==> flow/design.v <==
module u_registers_top #(
    parameter DEPTH = 24,
    parameter DW = 40,
    parameter AW = $clog2(DEPTH),
    parameter SLICES = DW / 8
) (
    input wire clk,
    input wire clk_en,
    input wire [SLICES-1:0] in_mask,
    input wire [AW-1:0] in_wr_addr,
    input wire [DW-1:0] in_d,
    input wire [AW-1:0] in_raddr,
    output reg [DW-1:0] out_rdata
);
    reg [SLICES-1:0] mask_s;
    reg [AW-1:0] wr_addr_s;
    reg [DW-1:0] d_s;
    reg [DW-1:0] gpr [0:DEPTH-1];
    integer n;
    always @(posedge clk) begin
        for (n = 0; n < SLICES; n = n + 1)
            if (clk_en && mask_s[n]) gpr[wr_addr_s][8*n +: 8] <= d_s[8*n +: 8];
    end
    reg [AW-1:0] raddr_s;
    always @(posedge clk) begin
        if (clk_en) begin
            mask_s <= in_mask;
            wr_addr_s <= in_wr_addr;
            d_s <= in_d;
            raddr_s <= in_raddr;
            out_rdata <= gpr[raddr_s];
        end
    end
endmodule
Step by step through the tools: u_registers_top
Tool output for the design above, in the order of the flow.
Lines are those of the file above, counted from 1.
Operators: Yosys type, input widths -> output width; for muxes data width and select width s.
Cell names lack the library's common part.
{ "design": {"top_module": "u_registers_top", "clk_port": "clk", "lib": "sky130hd", "lib_corner": "tt_025C_1v80"} }

Word level
Source: Yosys, flattened and elaborated, memories not mapped. Widths are those after wreduce. Registers that Yosys merges into a memory's read port (data or address) are not register bits. Print and check cells do not count. Equal cells are merged and count once.
Memory sizes are those after Yosys's memory passes, which may raise the word count (mostly to a power of two), join words into wider ones and drop unused or constant bits.
{ "classes": {"n_mux": 10, "reduce_and_logical": 5} }
{ "ops": {"columns": ["op", "count"], "rows": [
  ["$mux 40", 5],
  ["$logic_and 1x1->1", 5],
  ["$mux 1", 5]
]} }
{ "bits": {"regBits": 55, "ram_bits": 960, "clocked_rd_ports_x_width": 40, "n_memories": 1, "inputBits": 57} }
{ "memory_table": {"columns": ["memory", "words", "word_bits", "rd", "write_ports", "line_no", "source"], "rows": [
  ["gpr", 24, 40, 1, 1, 18, "reg [DW-1:0] gpr [0:DEPTH-1];"]
]} }

Longest topological paths
Longest topological path by Yosys (ltp), each cell counted once; first at word level (registers and memories cut), then after technology mapping (sequential cells cut; the memories' decode and read muxes count).
{ "logic_depth": {"ltp_word": 2, "abc_area": 0, "ltp_mapped": 8, "ltp_nobuf": 4} }

After synthesis
Yosys stat after the flow's synthesis: flattened, memories mapped to cells. It holds for the ABC_AREA given above (unset counts as 0); a run with the other value may have another netlist.
{ "mapped": {"stdcells": 2120, "area_um2": 40327.4, "seq_area_um2": 31680.4, "ff_cells": 1055} }
{ "by_type": {"columns": ["cell_type", "count"], "rows": [
  ["edfxtp_1", 1055],
  ["mux2i_1", 302],
  ["mux4_2", 89],
  ["a22oi_1", 102],
  ["nand2_1", 149],
  ["nor2_1", 123],
  ["mux2_2", 40],
  ["nand3_1", 71],
  ["nand4_1", 40],
  ["clkbuf_1", 60],
  ["buf_2", 35],
  ["buf_6", 8],
  ["a221oi_1", 9],
  ["o21ai_1", 9],
  ["buf_1", 9],
  ["nor2b_1", 5],
  ["buf_4", 4],
  ["nor3b_1", 3]
]} }
Other cell types: 5; their cells: 7.

Timing after synthesis
Path of least setup slack by OpenSTA after synthesis, without wires, with an ideal clock, recovery checks aside; 20% of the period is set as input and as output delay. Where synthesis merged equal registers, the netlist keeps one of their names.
{ "synth_timing": {"kind": "flip-flop to flip-flop", "start": "register raddr_s[0]", "end": "register out_rdata[30]", "clock_period_ns": 2.36, "arrival_ns": 1.627, "required_ns": 2.099, "path_slack_ns": 0.473, "path_delay_ns": 1.888, "path_stages": 8, "path_buffers": 3, "synth_period_reached_ns": 1.887} }
"path_delay_ns" = arrival - input delay + setup time.
"path_stages" counts driving pins, that of a launching flip-flop among them; a cell with two outputs on the path counts twice.
"synth_period_reached_ns" = period - worst setup slack (recovery checks aside). The figure is calculated, with input and output delays left at 20% of the set period.
{ "synth_via": {"cell_sequence": "edfxtp_1 -> buf_2 -> buf_6 -> buf_6 -> mux4_2 -> mux2_2 -> nand2_1 -> nand3_1"} }
{ "synth_rtl": {"columns": ["item", "line_no", "source"], "rows": [
  ["start, declared", 24, "reg [AW-1:0] raddr_s;"],
  ["start, assigned", 30, "raddr_s <= in_raddr;"],
  ["end, declared", 13, "output reg [DW-1:0] out_rdata"]
]} }
No chain of elaborated cells between the ends is given.

Path in the finished layout
From the final timing report of stored run 1: the path of least setup slack in the routed layout; clock arrival at registers is part of the times.
{ "layout_timing": {"kind": "flip-flop to flip-flop", "start": "register raddr_s[0]", "end": "register out_rdata[9]", "clock_period_ns": 1.42, "arrival_ns": 2.49, "required_ns": 1.82, "path_slack_ns": -0.67, "path_stages": 8, "path_buffers": 3} }
{ "layout_via": {"cell_sequence": "edfxtp_1 -> buf_12 -> buf_12 -> buf_12 -> mux4_2 -> mux2_4 -> nand2_2 -> nand3_2"} }
{ "layout_rtl": {"columns": ["item", "line_no", "source"], "rows": [
  ["start, declared", 24, "reg [AW-1:0] raddr_s;"],
  ["start, assigned", 30, "raddr_s <= in_raddr;"],
  ["end, declared", 13, "output reg [DW-1:0] out_rdata"]
]} }
No chain of elaborated cells between the ends is given.

==> runs of u_registers_top <==
Top module u_registers_top; platform sky130hd; tools Yosys and OpenROAD; 3 stored runs in no particular order. Input and output delays are each 20% of the period that was set; the output load is 0.01 pF.
"achieved clock period (ns)" = clock period - worst setup slack. The figure is calculated, with input and output delays left at 20% of the set period.
"worst setup path time (ns)" means the part of the period allowed to the worst setup path (the constraints hold back 20% at inputs and 20% at outputs) less its slack; where the path has registers, the arrival times of their clocks count too.
"finish__power__total" is the tool's figure for a default switching activity; nothing was simulated.

settings of stored run 1
{
  "period_ns": 1.42,
  "CORE_UTILIZATION": 43,
  "PLACE_DENSITY_LB_ADDON": 0.28,
  "CORE_ASPECT_RATIO": 0.97,
  "CELL_PAD_IN_SITES_DETAIL_PLACEMENT": 0,
  "TNS_END_PERCENT": 85,
  "ABC_AREA": 0,
  "GPL_TIMING_DRIVEN": 1,
  "SLEW_MARGIN": 20,
  "MAX_ROUTING_LAYER": "met5",
  "CAP_MARGIN": 20,
  "CORE_MARGIN": 2
}
report of stored run 1
yosys chip area after synthesis (um^2): 40327.4
finish__design__die__area: 96250.4
finish__design__instance__area__stdcell: 51993.6
finish__design__instance__utilization: 0.5597
finish__timing__setup__ws: -0.669
finish__timing__setup__tns: -340.329
finish__timing__hold__ws: 0.154
finish__power__total: 6.878e-02
achieved clock period (ns): 2.089
worst setup path time (ns): 2.09
worst setup path kind: flip-flop to flip-flop

settings of stored run 2
{
  "period_ns": 2.36,
  "CAP_MARGIN": 20,
  "CORE_MARGIN": 2,
  "CORE_UTILIZATION": 40,
  "SLEW_MARGIN": 20
}
report of stored run 2
yosys chip area after synthesis (um^2): 40327.4
finish__design__die__area: 103375.0
finish__design__instance__area__stdcell: 47682.0
finish__design__instance__utilization: 0.4768
finish__timing__setup__ws: 0.093
finish__timing__setup__tns: 0.000
finish__timing__hold__ws: 0.169
finish__power__total: 4.014e-02
achieved clock period (ns): 2.267
worst setup path time (ns): 2.27
worst setup path kind: flip-flop to flip-flop

settings of stored run 3
{
  "period_ns": 3.07,
  "CORE_UTILIZATION": 68,
  "SETUP_SLACK_MARGIN": 0.02,
  "PLACE_DENSITY_LB_ADDON": 0.07,
  "GPL_TIMING_DRIVEN": 0,
  "CTS_CLUSTER_SIZE": 42,
  "CTS_CLUSTER_DIAMETER": 327,
  "CAP_MARGIN": 20,
  "CORE_MARGIN": 2,
  "SLEW_MARGIN": 20
}
report of stored run 3
yosys chip area after synthesis (um^2): 40327.4
finish__design__die__area: 61268.6
finish__design__instance__area__stdcell: 43062.6
finish__design__instance__utilization: 0.7324
finish__timing__setup__ws: 0.051
finish__timing__setup__tns: 0.000
finish__timing__hold__ws: 0.372
finish__power__total: 2.383e-02
achieved clock period (ns): 3.019
worst setup path time (ns): 3.02
worst setup path kind: flip-flop to flip-flop
